==> flow/design.v <==
module add_mod #(
    parameter DATA_WIDTH = 6
) (
    input  wire ck,
    input  wire [DATA_WIDTH-1:0] rs1_in,
    input  wire [DATA_WIDTH-1:0] rs2_in,
    input  wire cy_in_in,
    output wire [DATA_WIDTH-1:0] o_out,
    output wire cy_out
);
    reg [DATA_WIDTH-1:0] rs1_s;
    reg [DATA_WIDTH-1:0] rs2_s;
    reg cy_in_s;
    always @(posedge ck) begin
        rs1_s <= rs1_in;
        rs2_s <= rs2_in;
        cy_in_s <= cy_in_in;
    end
    wire [DATA_WIDTH-1:0] r;
    wire [DATA_WIDTH:0] carry;
    assign carry[0] = cy_in_s;
    genvar g;
    generate
        for (g = 0; g < DATA_WIDTH; g = g + 1) begin : slice
            assign r[g] = rs1_s[g] ^ rs2_s[g] ^ carry[g];
            assign carry[g+1] = (rs1_s[g] & rs2_s[g]) | (carry[g] & (rs1_s[g] ^ rs2_s[g]));
        end
    endgenerate
    assign o_out = r;
    assign cy_out = carry[DATA_WIDTH];
endmodule
## From RTL to reports: add_mod

The steps from the RTL of add_mod to its reports follow in flow order.
Lines are those of the file above, counted from 1.
Library cell names are shortened.
Not given: --

| inputs | value |
|---|---|
| design top | add_mod |
| clock port | ck |
| cell library | sky130hd |
| corner | tt_025C_1v80 |

## Word-level counts

Counts by Yosys on the flattened word-level netlist (proc, flatten, opt, wreduce; memories kept). Register bits leave out memories and registers merged into their read ports (data or address); mux counts leave out enables and synchronous resets folded into registers. Print and check cells are left out. Cells with the same type and inputs are merged into one.

| operators by class | value |
|---|---|
| bitwise operators | 30 |

Operators by type and width:

| cell | number |
|---|---|
| 1-bit bitwise AND | 12 |
| 1-bit XOR | 12 |
| 1-bit OR | 6 |

| bit counts | value |
|---|---|
| flip-flop bits (word level) | 13 |
| output and inout port bits | 7 |

## Depth

Longest topological path by Yosys (ltp), each cell counted once; first at word level (registers and memories cut), then after technology mapping (sequential cells cut; the memories' decode and read muxes count).

| logic depth | value |
|---|---|
| depth in word-level cells | 13 |
| ABC_AREA | 0 |
| gate-level depth with buffers | 10 |
| gate-level depth less buffers | 10 |

## After synthesis

Source: synth_stat.txt of the flow (Yosys; design flattened, memories mapped). It holds for the ABC_AREA given above (unset counts as 0); a run with the other value may have another netlist.
The area totals of this step are shown rounded.

Cells by type:

| type | number | area in all (µm²) |
|---|---|---|
| dfxtp_1 | 13 | 260.25 |
| fa_1 | 6 | 120.115 |
| inv_1 | 10 | 37.536 |

| mapped netlist | value |
|---|---|
| mapped cells | 29 |
| chip area (Yosys) | 417.9 µm² |
| mapped flip-flops | 13 |
| buffers | 0 |

## Path before layout

OpenSTA on the mapped netlist: ideal clock, no wires. The path of least setup slack (recovery checks aside). Input and output delay are each 20% of the period. Register names are those of the netlist, which keeps one name where synthesis merged equal registers.

| path after synthesis | value |
|---|---|
| path type | register to output |
| start | register rs1_s[0] |
| end | output port o_out[5] |
| period | 4.08 ns |
| time at the first pin | 0.000 ns |
| data arrival time | 2.612 ns |
| data required time | 3.264 ns |
| slack | 0.652 ns |
| delay of the path | 2.612 ns |
| stages | 11 |
| path buffers | 0 |
| period reached after synthesis | 3.428 ns |

"delay of the path" = arrival - input delay + setup time.
A path that ends at an output port has no setup time.
"stages" counts driving pins, that of a launching flip-flop among them; a cell with two outputs on the path counts twice.
"period reached after synthesis" = period - worst setup slack (recovery checks aside). The figure is calculated, with input and output delays left at 20% of the set period.
Between the ends stands the longest chain of elaborated cells between them, by number of cells; it is not shown to be the way that was timed. Of several equally long chains one is given.
A line is the first line of the expression or statement that the cell stems from. Yosys adds cells for indexed reads and writes and turns some case tables into memories.

| on the way, after synthesis | value |
|---|---|
| cells stage by stage | dfxtp_1 -> fa_1 -> fa_1 -> fa_1 -> inv_1 -> fa_1 -> inv_1 -> fa_1 -> inv_1 -> fa_1 -> inv_1 |
| length of the longest elaborated chain | 12 |

Ends and longest elaborated chain, after synthesis:

| item | line | text |
|---|---|---|
| from (decl) | 11 | `reg [DATA_WIDTH-1:0] rs1_s;` |
| from (assign) | 15 | `rs1_s <= rs1_in;` |
| 1-bit XOR | 26 | `assign carry[g+1] = (rs1_s[g] & rs2_s[g]) \| (carry[g] & (rs1_s[g] ^ rs2_s[g]));` |
| 1-bit bitwise AND | 26 |  |
| 1-bit OR | 26 |  |
| 1-bit bitwise AND | 26 |  |
| 1-bit OR | 26 |  |
| 1-bit bitwise AND | 26 |  |
| 1-bit OR | 26 |  |
| 1-bit bitwise AND | 26 |  |
| 1-bit OR | 26 |  |
| 1-bit bitwise AND | 26 |  |
| 1-bit OR | 26 |  |
| 1-bit XOR | 25 | `assign r[g] = rs1_s[g] ^ rs2_s[g] ^ carry[g];` |
| to (decl) | 8 | `output wire [DATA_WIDTH-1:0] o_out,` |

## Worst path after layout

From the final timing report of job 1: the path of least setup slack in the routed layout; clock arrival at registers is part of the times.

| path after layout | value |
|---|---|
| path type | register to output |
| start | register rs1_s[0] |
| end | output port o_out[5] |
| period | 4.3 ns |
| time at the first pin | 0.26 ns |
| data arrival time | 2.90 ns |
| data required time | 3.44 ns |
| slack | 0.54 ns |
| stages | 12 |
| path buffers | 1 |

Between the ends stands the longest chain of elaborated cells between them, by number of cells; it is not shown to be the way that was timed. Of several equally long chains one is given.

| on the way, after layout | value |
|---|---|
| cells stage by stage | dfxtp_2 -> fa_2 -> fa_2 -> fa_2 -> inv_2 -> fa_2 -> inv_2 -> fa_2 -> inv_2 -> fa_1 -> inv_2 -> buf_6 |
| length of the longest elaborated chain | 12 |

Ends and longest elaborated chain, after layout:

| item | line | text |
|---|---|---|
| from (decl) | 11 | `reg [DATA_WIDTH-1:0] rs1_s;` |
| from (assign) | 15 | `rs1_s <= rs1_in;` |
| 1-bit XOR | 26 | `assign carry[g+1] = (rs1_s[g] & rs2_s[g]) \| (carry[g] & (rs1_s[g] ^ rs2_s[g]));` |
| 1-bit bitwise AND | 26 |  |
| 1-bit OR | 26 |  |
| 1-bit bitwise AND | 26 |  |
| 1-bit OR | 26 |  |
| 1-bit bitwise AND | 26 |  |
| 1-bit OR | 26 |  |
| 1-bit bitwise AND | 26 |  |
| 1-bit OR | 26 |  |
| 1-bit bitwise AND | 26 |  |
| 1-bit OR | 26 |  |
| 1-bit XOR | 25 | `assign r[g] = rs1_s[g] ^ rs2_s[g] ^ carry[g];` |
| to (decl) | 8 | `output wire [DATA_WIDTH-1:0] o_out,` |

==> runs of add_mod <==
3 stored runs of add_mod in the flow (synthesis by Yosys, layout by OpenROAD, sky130hd cells), in arbitrary order. Constraints: input delay and output delay 20% of the set period each, output load 0.01 pF.
"critical path time" = time allowed to the worst setup path (clock period - input delay - output delay, where it has them) - its slack; a late launch clock adds to it, a late capture clock takes from it.
By "power consumption" is meant OpenSTA's value without simulated activity: inputs other than the clock are taken to toggle once in ten clock periods, and the tool carries that through the logic.
Values from the reports are rounded here.

#### Job 1

| setting | value |
|---|---|
| period_ns | `4.3` |
| CORE_UTILIZATION | `17` |
| SETUP_SLACK_MARGIN | `1.2` |
| CORE_MARGIN | `2` |
| CELL_PAD_IN_SITES_GLOBAL_PLACEMENT | `1` |
| GPL_ROUTABILITY_DRIVEN | `0` |
| CTS_CLUSTER_DIAMETER | `315` |
| MIN_ROUTING_LAYER | `met1` |
| CAP_MARGIN | `20` |
| SLEW_MARGIN | `20` |

| result | value |
|---|---|
| Yosys chip area after synthesis | 417.9 µm² |
| total die area | 2871 µm² |
| post-layout utilization | 0.301 |
| smallest setup slack | 0.541 ns |
| worst hold slack in the final report | 1.029 ns |
| power consumption | 256.9 µW |
| critical path time | 2.90 ns |
| class of the worst setup path | register to output |

#### Job 2

| setting | value |
|---|---|
| period_ns | `6.35` |
| CORE_UTILIZATION | `53` |
| PLACE_DENSITY_LB_ADDON | `0.28` |
| TNS_END_PERCENT | `50` |
| GPL_TIMING_DRIVEN | `0` |
| MIN_ROUTING_LAYER | `met1` |
| MAX_ROUTING_LAYER | `met5` |
| CAP_MARGIN | `20` |
| CORE_MARGIN | `2` |
| SLEW_MARGIN | `20` |

Not finished: floorplanning ended with error PDN-0185.

#### Job 3

| setting | value |
|---|---|
| period_ns | `4.08` |
| CAP_MARGIN | `20` |
| CORE_MARGIN | `2` |
| CORE_UTILIZATION | `40` |
| SLEW_MARGIN | `20` |

| result | value |
|---|---|
| Yosys chip area after synthesis | 417.9 µm² |
| total die area | 1319 µm² |
| post-layout utilization | 0.688 |
| smallest setup slack | 0.217 ns |
| worst hold slack in the final report | 1.000 ns |
| power consumption | 251.1 µW |
| critical path time | 3.05 ns |
| class of the worst setup path | register to output |
